==> flow/design.v <==
module mul_top #(
    parameter XLEN = 20,
    parameter K = 8
) (
    input logic aclk,
    input logic rst,
    input logic ce,
    input logic [XLEN-1:0] x,
    input logic [K-1:0] y,
    output logic [XLEN+K-1:0] m
);
    logic [XLEN-1:0] x_reg;
    logic [K-1:0] y_reg;
    always_ff @(posedge aclk) begin
        if (rst) begin
            x_reg <= 0;
            y_reg <= 0;
            m <= 0;
        end else if (ce) begin
            x_reg <= x;
            y_reg <= y;
            m <= x_reg * y_reg;
        end
    end
endmodule
Tool chain data of mul_top
Tool output for the design above, in the order of the flow.
Lines are those of the file above, counted from 1.
Operators carry their Yosys type and port widths (W data, S select, Z words).
Library cell names are shortened.
{"block": "setup", "top": "mul_top", "clock_port": "aclk", "cell_library": "sky130hd", "corner": "tt_025C_1v80"}

Elaborated design
Yosys after proc, flatten, opt, wreduce and memory -nomap, before mapping. Enables and synchronous resets that opt folds into registers are not counted as muxes. Memory bits, and registers merged into a memory's read port (data or address), are not among the register bits. Print and check cells are not counted. Equal cells are merged and count once.
{"block": "classes", "add_sub_neg": 0, "multipliers": 1, "n_div": 0, "compare": 0, "equal": 0, "n_shift": 0, "mux": 0, "logic": 0, "reduce_logical": 0}
{"block": "ops", "operator": "$mul A20 B8 Y28", "n": 1}
{"block": "word_totals", "reg_bits": 56, "latchBits": 0, "mem_bits_rw": 0, "mem_bits_ro": 0, "clocked_rd_ports_x_width": 0, "n_memories": 0, "in_bits": 31}

Logic depth
Depth = most cells in a row (Yosys ltp): at word level without a register or memory, in the mapped netlist without a sequential cell, where the memories' decode and read muxes count.
{"block": "logic_depth", "depth_word": 1, "abc_area": 0, "mapped_depth": 19, "mapped_depth_nobuf": 17}

Synthesis result
Yosys stat after the flow's synthesis: flattened, memories mapped to cells. It holds for the ABC_AREA given above (unset counts as 0); a run with the other value may have another netlist.
The area totals of this step are shown rounded.
{"block": "mapped", "stdcells": 774, "area_um2": 6990, "seqArea_um2": 1120, "ff_cells": 56, "buffers": 40}
{"block": "types", "type": "fa_1", "n": 108}
{"block": "types", "type": "dfxtp_1", "n": 56}
{"block": "types", "type": "and2_1", "n": 117}
{"block": "types", "type": "ha_1", "n": 48}
{"block": "types", "type": "inv_1", "n": 104}
{"block": "types", "type": "mux2i_1", "n": 39}
{"block": "types", "type": "nand2_1", "n": 71}
{"block": "types", "type": "nor2_1", "n": 46}
{"block": "types", "type": "a21oi_1", "n": 28}
{"block": "types", "type": "xnor2_1", "n": 14}
{"block": "types", "type": "clkbuf_1", "n": 24}
{"block": "types", "type": "nand2b_1", "n": 10}
{"block": "types", "type": "o21ai_0", "n": 12}
{"block": "types", "type": "o21ai_1", "n": 10}
{"block": "types", "type": "nand3_1", "n": 9}
{"block": "types", "type": "xor2_1", "n": 5}
{"block": "types", "type": "buf_4", "n": 5}
{"block": "types", "type": "o22ai_1", "n": 5}
Not listed: further types 33, cells in them 63.

Path before layout
Source: OpenSTA report_checks on the synthesized netlist (no wires, ideal clock, input and output delay 20% of the period each), path of least setup slack; recovery checks are left aside. Register names are those of the netlist, which keeps one name where synthesis merged equal registers.
{"block": "synth_timing", "path_type": "reg-to-reg", "start": "reg y_reg[2]", "end": "reg m[14]", "clock_period_ps": 5490, "setup_time_ps": 127, "t_arrival_ps": 4265, "required_time_ps": 5363, "setup_slack_ps": 1098, "path_delay_ps": 4392, "path_stages": 17, "path_buffers": 1, "synth_period_reached_ps": 4392}
"path_delay_ps" is the arrival time less input delay plus setup time.
"path_stages": output pins that drive a net of the path, with the launching flip-flop's if there is one; two outputs of one cell count as two.
"synth_period_reached_ps" = period - worst setup slack (recovery checks aside). The figure is calculated, with input and output delays left at 20% of the set period.
The rows between start and end are the longest chain of elaborated cells between them; the timing report does not say that the signal goes this way. Where chains are equally long, one stands for them.
A line is the first line of the expression or statement that the cell stems from. Yosys adds cells for indexed reads and writes and turns some case tables into memories.
{"block": "synth_between", "path_cell_list": "dfxtp_1 -> clkbuf_1 -> nand2_1 -> fa_1 -> fa_1 -> inv_1 -> fa_1 -> inv_1 -> fa_1 -> inv_1 -> ha_1 -> a21oi_1 -> nand3_1 -> a31oi_1 -> o21ai_1 -> nor4bb_1 -> or3_1", "elab_chain_len": 1, "cells_between": 1, "lines_between": 1, "cone_classes": "1 x mul"}
{"block": "synth_lines", "item": "from (decl)", "line": 13, "source": "logic [K-1:0] y_reg;"}
{"block": "synth_lines", "item": "from (assign)", "line": 17, "source": "y_reg <= 0;"}
{"block": "synth_lines", "item": "from (assign)", "line": 21, "source": "y_reg <= y;"}
{"block": "synth_lines", "item": "$mul A20 B8 Y28", "line": 22, "source": "m <= x_reg * y_reg;"}
{"block": "synth_lines", "item": "to (assign)", "line": 18, "source": "m <= 0;"}
{"block": "synth_lines", "item": "to (assign)", "line": 22}
{"block": "synth_lines", "item": "to (decl)", "line": 10, "source": "output logic [XLEN+K-1:0] m"}

Worst path after layout
From the final timing report of entry A: the path of least setup slack in the routed layout; clock arrival at registers is part of the times.
The report prints the path's times to 10 ps; the period is as set.
{"block": "layout_timing", "path_type": "reg-to-reg", "start": "reg x_reg[5]", "end": "reg m[25]", "clock_period_ps": 2830, "setup_time_ps": 80, "t_arrival_ps": 4690, "required_time_ps": 3070, "setup_slack_ps": -1620, "path_stages": 17, "path_buffers": 1}
The rows between start and end are the longest chain of elaborated cells between them; the timing report does not say that the signal goes this way. Where chains are equally long, one stands for them.
{"block": "layout_between", "path_cell_list": "dfxtp_4 -> buf_6 -> and2_4 -> fa_1 -> fa_1 -> fa_1 -> inv_2 -> fa_1 -> inv_2 -> ha_4 -> o211ai_1 -> a21oi_2 -> o211ai_1 -> a21oi_2 -> o211ai_1 -> and3b_1 -> o31ai_2", "elab_chain_len": 1, "cells_between": 1, "lines_between": 1, "cone_classes": "1 x mul"}
{"block": "layout_lines", "item": "from (decl)", "line": 12, "source": "logic [XLEN-1:0] x_reg;"}
{"block": "layout_lines", "item": "from (assign)", "line": 16, "source": "x_reg <= 0;"}
{"block": "layout_lines", "item": "from (assign)", "line": 20, "source": "x_reg <= x;"}
{"block": "layout_lines", "item": "$mul A20 B8 Y28", "line": 22, "source": "m <= x_reg * y_reg;"}
{"block": "layout_lines", "item": "to (assign)", "line": 18, "source": "m <= 0;"}
{"block": "layout_lines", "item": "to (assign)", "line": 22}
{"block": "layout_lines", "item": "to (decl)", "line": 10, "source": "output logic [XLEN+K-1:0] m"}

--- measured runs ---
Measured results for mul_top: 3 stored runs of the Yosys and OpenROAD flow on sky130hd. The settings differ; the order carries no meaning. The constraints put input and output delay at 20% of the set period each and load the outputs with 0.01 pF.
"period_less_ws_ps": clock period set for the run, less the worst setup slack. It is reckoned from that one timing run; input and output delays stay at 20% of the period that was set.
By "worstPathTime_ps" is meant the share of the clock period that the worst setup path is allowed (20% is reserved at inputs, 20% at outputs), minus its slack. Clock arrival times at its registers enter into it.
"power_total_mw": no workload was simulated; the value follows from the tool's default switching activity.
"worstPathTime_ps" is known to 10 ps.
Measured values are rounded.

Entry A
==> flow/run.sh <==
#!/bin/bash
# the make line also repeats the synthesis and layout settings of config.mk as NAME=value (left out here)
make -C /OpenROAD-flow-scripts/flow DESIGN_CONFIG=/design/flow/config.mk WORK_HOME=/design/flow/orfs CLKGATE_MAP_FILE= finish
==> flow/config.mk <==
export PLATFORM = sky130hd
export DESIGN_NAME = mul_top
export DESIGN_NICKNAME = mul_top
export VERILOG_FILES = /design/flow/design.v
export SDC_FILE = /design/flow/constraint.sdc
export NUM_CORES = 4
export LEC_CHECK = 0
export CAP_MARGIN = 20
export CELL_PAD_IN_SITES_DETAIL_PLACEMENT = 1
export CORE_MARGIN = 2
export CORE_UTILIZATION = 21
export CTS_CLUSTER_DIAMETER = 275
export CTS_CLUSTER_SIZE = 69
export MIN_ROUTING_LAYER = met1
export PLACE_DENSITY_LB_ADDON = 0.22
export SETUP_SLACK_MARGIN = 0.42
export SLEW_MARGIN = 20
export TNS_END_PERCENT = 80
==> flow/constraint.sdc <==
create_clock -name core_clock -period 2.83 [get_ports {aclk}]
set_input_delay 0.5660 -clock core_clock [delete_from_list [all_inputs] [get_ports {aclk}]]
set_output_delay 0.5660 -clock core_clock [all_outputs]
set_load 0.01 [all_outputs]

==> results of entry A, as JSON <==
{
  "total_negative_slack_ps": -30900,
  "finalUtil_pct": 30.9,
  "final_cell_area_um2": 10100,
  "ws_setup_ps": -1620,
  "power_total_mw": 2.64,
  "synth_chip_area_um2": 6990,
  "dieArea_um2": 34700,
  "period_less_ws_ps": 4453,
  "ws_hold_ps": 448,
  "worstPathTime_ps": 4450,
  "path_kind": "reg-to-reg"
}

Entry B
==> flow/run.sh <==
#!/bin/bash
# the make line also repeats the synthesis and layout settings of config.mk as NAME=value (left out here)
make -C /OpenROAD-flow-scripts/flow DESIGN_CONFIG=/design/flow/config.mk WORK_HOME=/design/flow/orfs CLKGATE_MAP_FILE= finish
==> flow/config.mk <==
export PLATFORM = sky130hd
export DESIGN_NAME = mul_top
export DESIGN_NICKNAME = mul_top
export VERILOG_FILES = /design/flow/design.v
export SDC_FILE = /design/flow/constraint.sdc
export NUM_CORES = 4
export LEC_CHECK = 0
export CAP_MARGIN = 20
export CORE_MARGIN = 2
export CORE_UTILIZATION = 40
export SLEW_MARGIN = 20
==> flow/constraint.sdc <==
create_clock -name core_clock -period 5.49 [get_ports {aclk}]
set_input_delay 1.0980 -clock core_clock [delete_from_list [all_inputs] [get_ports {aclk}]]
set_output_delay 1.0980 -clock core_clock [all_outputs]
set_load 0.01 [all_outputs]

==> results of entry B, as JSON <==
{
  "total_negative_slack_ps": 0,
  "finalUtil_pct": 45.8,
  "final_cell_area_um2": 7860,
  "ws_setup_ps": 498,
  "power_total_mw": 1.13,
  "synth_chip_area_um2": 6990,
  "dieArea_um2": 18500,
  "period_less_ws_ps": 4992,
  "ws_hold_ps": 455,
  "worstPathTime_ps": 4990,
  "path_kind": "reg-to-reg"
}

Entry C
==> flow/run.sh <==
#!/bin/bash
# the make line also repeats the synthesis and layout settings of config.mk as NAME=value (left out here)
make -C /OpenROAD-flow-scripts/flow DESIGN_CONFIG=/design/flow/config.mk WORK_HOME=/design/flow/orfs CLKGATE_MAP_FILE= finish
==> flow/config.mk <==
export PLATFORM = sky130hd
export DESIGN_NAME = mul_top
export DESIGN_NICKNAME = mul_top
export VERILOG_FILES = /design/flow/design.v
export SDC_FILE = /design/flow/constraint.sdc
export NUM_CORES = 4
export LEC_CHECK = 0
export CAP_MARGIN = 15
export CORE_MARGIN = 5
export CORE_UTILIZATION = 56
export SLEW_MARGIN = 25
==> flow/constraint.sdc <==
create_clock -name core_clock -period 4.07 [get_ports {aclk}]
set_input_delay 0.8140 -clock core_clock [delete_from_list [all_inputs] [get_ports {aclk}]]
set_output_delay 0.8140 -clock core_clock [all_outputs]
set_load 0.01 [all_outputs]

==> results of entry C, as JSON <==
{
  "total_negative_slack_ps": -3330,
  "finalUtil_pct": 77.9,
  "final_cell_area_um2": 9440,
  "ws_setup_ps": -301,
  "power_total_mw": 1.79,
  "synth_chip_area_um2": 6990,
  "dieArea_um2": 14800,
  "period_less_ws_ps": 4371,
  "ws_hold_ps": 446,
  "worstPathTime_ps": 4370,
  "path_kind": "reg-to-reg"
}
--- end ---
